==> flow/design.v <==
module sync_arith_stage (aclk, i_rst, in0, in1, do_sub, result, cy);
    parameter DW = 48;
    input aclk;
    input i_rst;
    input [DW-1:0] in0;
    input [DW-1:0] in1;
    input do_sub;
    output [DW-1:0] result;
    output cy;
    reg [DW-1:0] in0_reg;
    always @(posedge aclk) begin
        if (i_rst) begin
            in0_reg <= 0;
        end else begin
            in0_reg <= in0;
        end
    end
    reg [DW-1:0] in1_reg;
    always @(posedge aclk) begin
        if (i_rst) begin
            in1_reg <= 0;
        end else begin
            in1_reg <= in1;
        end
    end
    reg do_sub_reg;
    always @(posedge aclk) begin
        if (i_rst) begin
            do_sub_reg <= 1'b0;
        end else begin
            do_sub_reg <= do_sub;
        end
    end
    wire [DW-1:0] tmp;
    wire [DW:0] c;
    assign c[0] = do_sub_reg;
    genvar ii;
    generate
        for (ii = 0; ii < DW; ii = ii + 1) begin : u_g
            fadd unit (.a(in0_reg[ii]), .b(in1_reg[ii] ^ do_sub_reg), .ci(c[ii]), .s(tmp[ii]), .co(c[ii+1]));
        end
    endgenerate
    assign result = tmp;
    assign cy = c[DW];
endmodule
module fadd (
    input wire a,
    input wire b,
    input wire ci,
    output wire s,
    output wire co
);
    assign s = a ^ b ^ ci;
    assign co = (a & b) | (ci & (a ^ b));
endmodule
From RTL to reports: sync_arith_stage
What the tools print for sync_arith_stage, step after step.
Lines are those of the file above, counted from 1.
Library cell names are shortened.
Not given: -

set-up
  top = sync_arith_stage
  clock port = aclk
  cell library = sky130hd
  library corner = tt_025C_1v80

Elaborated design
Counts by Yosys on the flattened word-level netlist (proc, flatten, opt, wreduce; memories kept). Register bits leave out memories and registers merged into their read ports (data or address); mux counts leave out enables and synchronous resets folded into registers. Print and check cells are left out. Cells with the same type and inputs are merged into one.

bit counts
  cells after elaboration = 291
  register bits = 97
  input port bits = 99
  output and inout bits = 49

cells by class
  bitwise operators = 288

operators with widths
  cell               count
  1-bit XOR          144
  1-bit bitwise AND  96
  1-bit OR           48

Depth
Yosys ltp: most cells in a row. Word level: on the elaborated netlist, between registers, memories and ports. Mapped: between sequential cells and ports; inverters and the memories' decode and read muxes count.

logic depth
  depth after elaboration = 98
  ABC_AREA = 0
  mapped depth = 55
  gate-level depth less buffers = 51

Synthesis result
Yosys stat after the flow's synthesis: flattened, memories mapped to cells. It holds for the ABC_AREA given above (unset counts as 0); a run with the other value may have another netlist.
The area totals of this step are shown rounded.

synthesis totals
  sequential part of the area = 1942 µm²
  buffer cells = 64
  flip-flop cells = 97
  cell area after synthesis = 4762 µm²
  standard cells after synthesis = 447

cell types
  cell     count  area in all (µm²)
  dfxtp_1  97     1.94E+03
  fa_1     47     940.902
  nor2b_1  97     606.832
  buf_4    53     397.882
  xnor2_1  44     385.37
  inv_1    93     349.085
  buf_2    7      35.034
  buf_8    2      30.029
  xor2_1   3      26.275
  buf_6    2      22.522
  xnor2_2  1      16.266
  mux2i_1  1      10.01

The figures by module come from a second, unflattened synthesis with its own total; it is not the netlist above.

unflattened totals
  cell total of the unflattened synthesis = 306
  area (unflattened synthesis) = 4070 µm²

Rows give one instance, submodules left out.

by module
  module            cells  sequential area (µm²)  instances  area (µm²)
  sync_arith_stage  258    1942                   1          3109
  fadd              1      0.0                    48         20.0

Timing after synthesis
Source: OpenSTA report_checks on the synthesized netlist (no wires, ideal clock, input and output delay 20% of the period each), path of least setup slack; recovery checks are left aside. Register names are those of the netlist, which keeps one name where synthesis merged equal registers.

path post-synthesis
  path type = register to output
  start = register do_sub_reg
  end = output result[47]
  setup slack = 5098 ps
  stages on the path = 56
  data required time = 25600 ps
  time at the first pin = 0 ps
  path delay = 20502 ps
  path buffers = 4
  period = 32000 ps
  external output delay = 6400 ps
  arrival = 20502 ps
  period reached after synthesis = 26902 ps

"path delay" is the arrival time less input delay plus setup time.
At an output port there is no setup time.
"stages on the path" counts driving pins, that of a launching flip-flop among them; a cell with two outputs on the path counts twice.
"period reached after synthesis" is the clock period less the worst setup slack; recovery checks do not enter. This is arithmetic on one report: input and output delays are still those of the set period (20% each).
Between the ends stands the longest chain of elaborated cells between them, by number of cells; it is not shown to be the way that was timed. Of several equally long chains one is given.
A line is the first line of the expression or statement that the cell stems from. Yosys adds cells for indexed reads and writes and turns some case tables into memories.

on the way, post-synthesis
  path through = dfxtp_1 buf_6 buf_8 buf_6 mux2i_1 fa_1 fa_1 fa_1 fa_1 fa_1 fa_1 fa_1 fa_1 inv_1 fa_1 inv_1 fa_1 fa_1 (+20 left out) fa_1 fa_1 fa_1 fa_1 fa_1 fa_1 fa_1 fa_1 fa_1 fa_1 fa_1 fa_1 fa_1 fa_1 fa_1 inv_1 fa_1 buf_4
  length of the longest elaborated chain = 97
  elaborated cells on any way between the ends = 238
  classes of those cells = logic: 238

RTL lines, path post-synthesis
  element             RTL line  RTL
  start: declaration  26        reg do_sub_reg;
  start: assignment   29        do_sub_reg <= 1'b0;
  start: assignment   31        do_sub_reg <= do_sub;
  1-bit XOR           40        fadd unit (.a(in0_reg[ii]), .b(in1_reg[ii] ^ do_sub_reg), .ci(c[ii]), .s(tmp[ii]), .co(c[ii+1]));
  1-bit XOR           54        assign co = (a & b) | (ci & (a ^ b));
  1-bit bitwise AND   54
  1-bit OR            54
  1-bit bitwise AND   54
  1-bit OR            54
  1-bit bitwise AND   54
  (+83 left out)      -
  1-bit bitwise AND   54
  1-bit OR            54
  1-bit bitwise AND   54
  1-bit OR            54
  1-bit bitwise AND   54
  1-bit OR            54
  1-bit XOR           53        assign s = a ^ b ^ ci;
  end: declaration    8         output [DW-1:0] result;

Some nets on the timed path still bear RTL names; the line given drives or declares the net.

named nets, post-synthesis
  net             RTL line
  u_g[47].unit.s  53

Path in the finished layout
From the final timing report of run A: the path of least setup slack in the routed layout; clock arrival at registers is part of the times.
The report prints the path's times to 10 ps; the period is as set.

path after layout
  path type = register to output
  start = register do_sub_reg
  end = output cy
  path buffers = 1
  data required time = 26800 ps
  setup slack = 5530 ps
  arrival = 21270 ps
  period = 33500 ps
  stages on the path = 53
  external output delay = 6700 ps
  time at the first pin = 360 ps

Between the ends stands the longest chain of elaborated cells between them, by number of cells; it is not shown to be the way that was timed. Of several equally long chains one is given.

on the way, after layout
  path through = dfxtp_4 mux2i_1 fa_1 fa_1 fa_1 fa_1 fa_2 fa_1 fa_1 fa_1 inv_1 fa_1 inv_1 fa_1 fa_1 fa_1 fa_1 fa_1 (+17 left out) fa_1 fa_1 fa_1 fa_1 fa_1 fa_1 fa_1 fa_1 fa_1 fa_1 fa_1 fa_1 fa_1 fa_1 fa_1 inv_1 fa_1 clkdlybuf4s50_1
  length of the longest elaborated chain = 98
  elaborated cells on any way between the ends = 240
  classes of those cells = logic: 240

RTL lines, path after layout
  element             RTL line  RTL
  start: declaration  26        reg do_sub_reg;
  start: assignment   29        do_sub_reg <= 1'b0;
  start: assignment   31        do_sub_reg <= do_sub;
  1-bit XOR           40        fadd unit (.a(in0_reg[ii]), .b(in1_reg[ii] ^ do_sub_reg), .ci(c[ii]), .s(tmp[ii]), .co(c[ii+1]));
  1-bit XOR           54        assign co = (a & b) | (ci & (a ^ b));
  1-bit bitwise AND   54
  1-bit OR            54
  1-bit bitwise AND   54
  1-bit OR            54
  1-bit bitwise AND   54
  (+84 left out)      -
  1-bit OR            54
  1-bit bitwise AND   54
  1-bit OR            54
  1-bit bitwise AND   54
  1-bit OR            54
  1-bit bitwise AND   54
  1-bit OR            54
  end: declaration    9         output cy;

Subject: sync_arith_stage on sky130hd, stored results

Hello all,

Record of 3 stored runs of the RTL-to-layout flow on sync_arith_stage, platform sky130hd. The runs are unordered. Constraints: input delay and output delay 20% of the set period each, output load 0.01 pF.
"worst setup path time": the worst setup path's part of the clock period (all of it between registers, 20% less for each end at a port) less its slack. A launch clock that arrives late makes it longer, a capture clock that arrives late makes it shorter.
"total power after layout" is the tool's figure for a default switching activity; nothing was simulated.
"worst setup path time" is known to 10 ps.
Values from the reports are rounded here.
A setting shown as -- is not set for that run.

setting or result                      run A               run B               run C
period_ns                              33.5                32.0                20.9
CORE_UTILIZATION                       16                  40                  34
SETUP_SLACK_MARGIN                     4.45                --                  2.62
PLACE_DENSITY_LB_ADDON                 0.16                --                  --
CORE_ASPECT_RATIO                      0.6                 --                  --
CELL_PAD_IN_SITES_GLOBAL_PLACEMENT     0                   --                  --
CTS_CLUSTER_SIZE                       45                  --                  58
MAX_ROUTING_LAYER                      met4                --                  met4
CAP_MARGIN                             20                  20                  20
CORE_MARGIN                            2                   2                   2
SLEW_MARGIN                            20                  20                  0
CELL_PAD_IN_SITES_DETAIL_PLACEMENT     --                  --                  2
TNS_END_PERCENT                        --                  --                  75
GPL_TIMING_DRIVEN                      --                  --                  0
MIN_ROUTING_LAYER                      --                  --                  met1
post-layout utilization (%)            23.1                54.2                50.8
full die area (µm²)                    31200               12790               14970
chip area in the Yosys report (µm²)    4762                4762                4762
worst setup path time (ps)             21270               21920               18680
critical path kind                     register to output  register to output  register to output
total power after layout (mW)          0.3292              0.3259              0.5645
standard-cell area after layout (µm²)  6700                6240                6993
worst setup slack after layout (ps)    5526                3679                -1962

Thanks
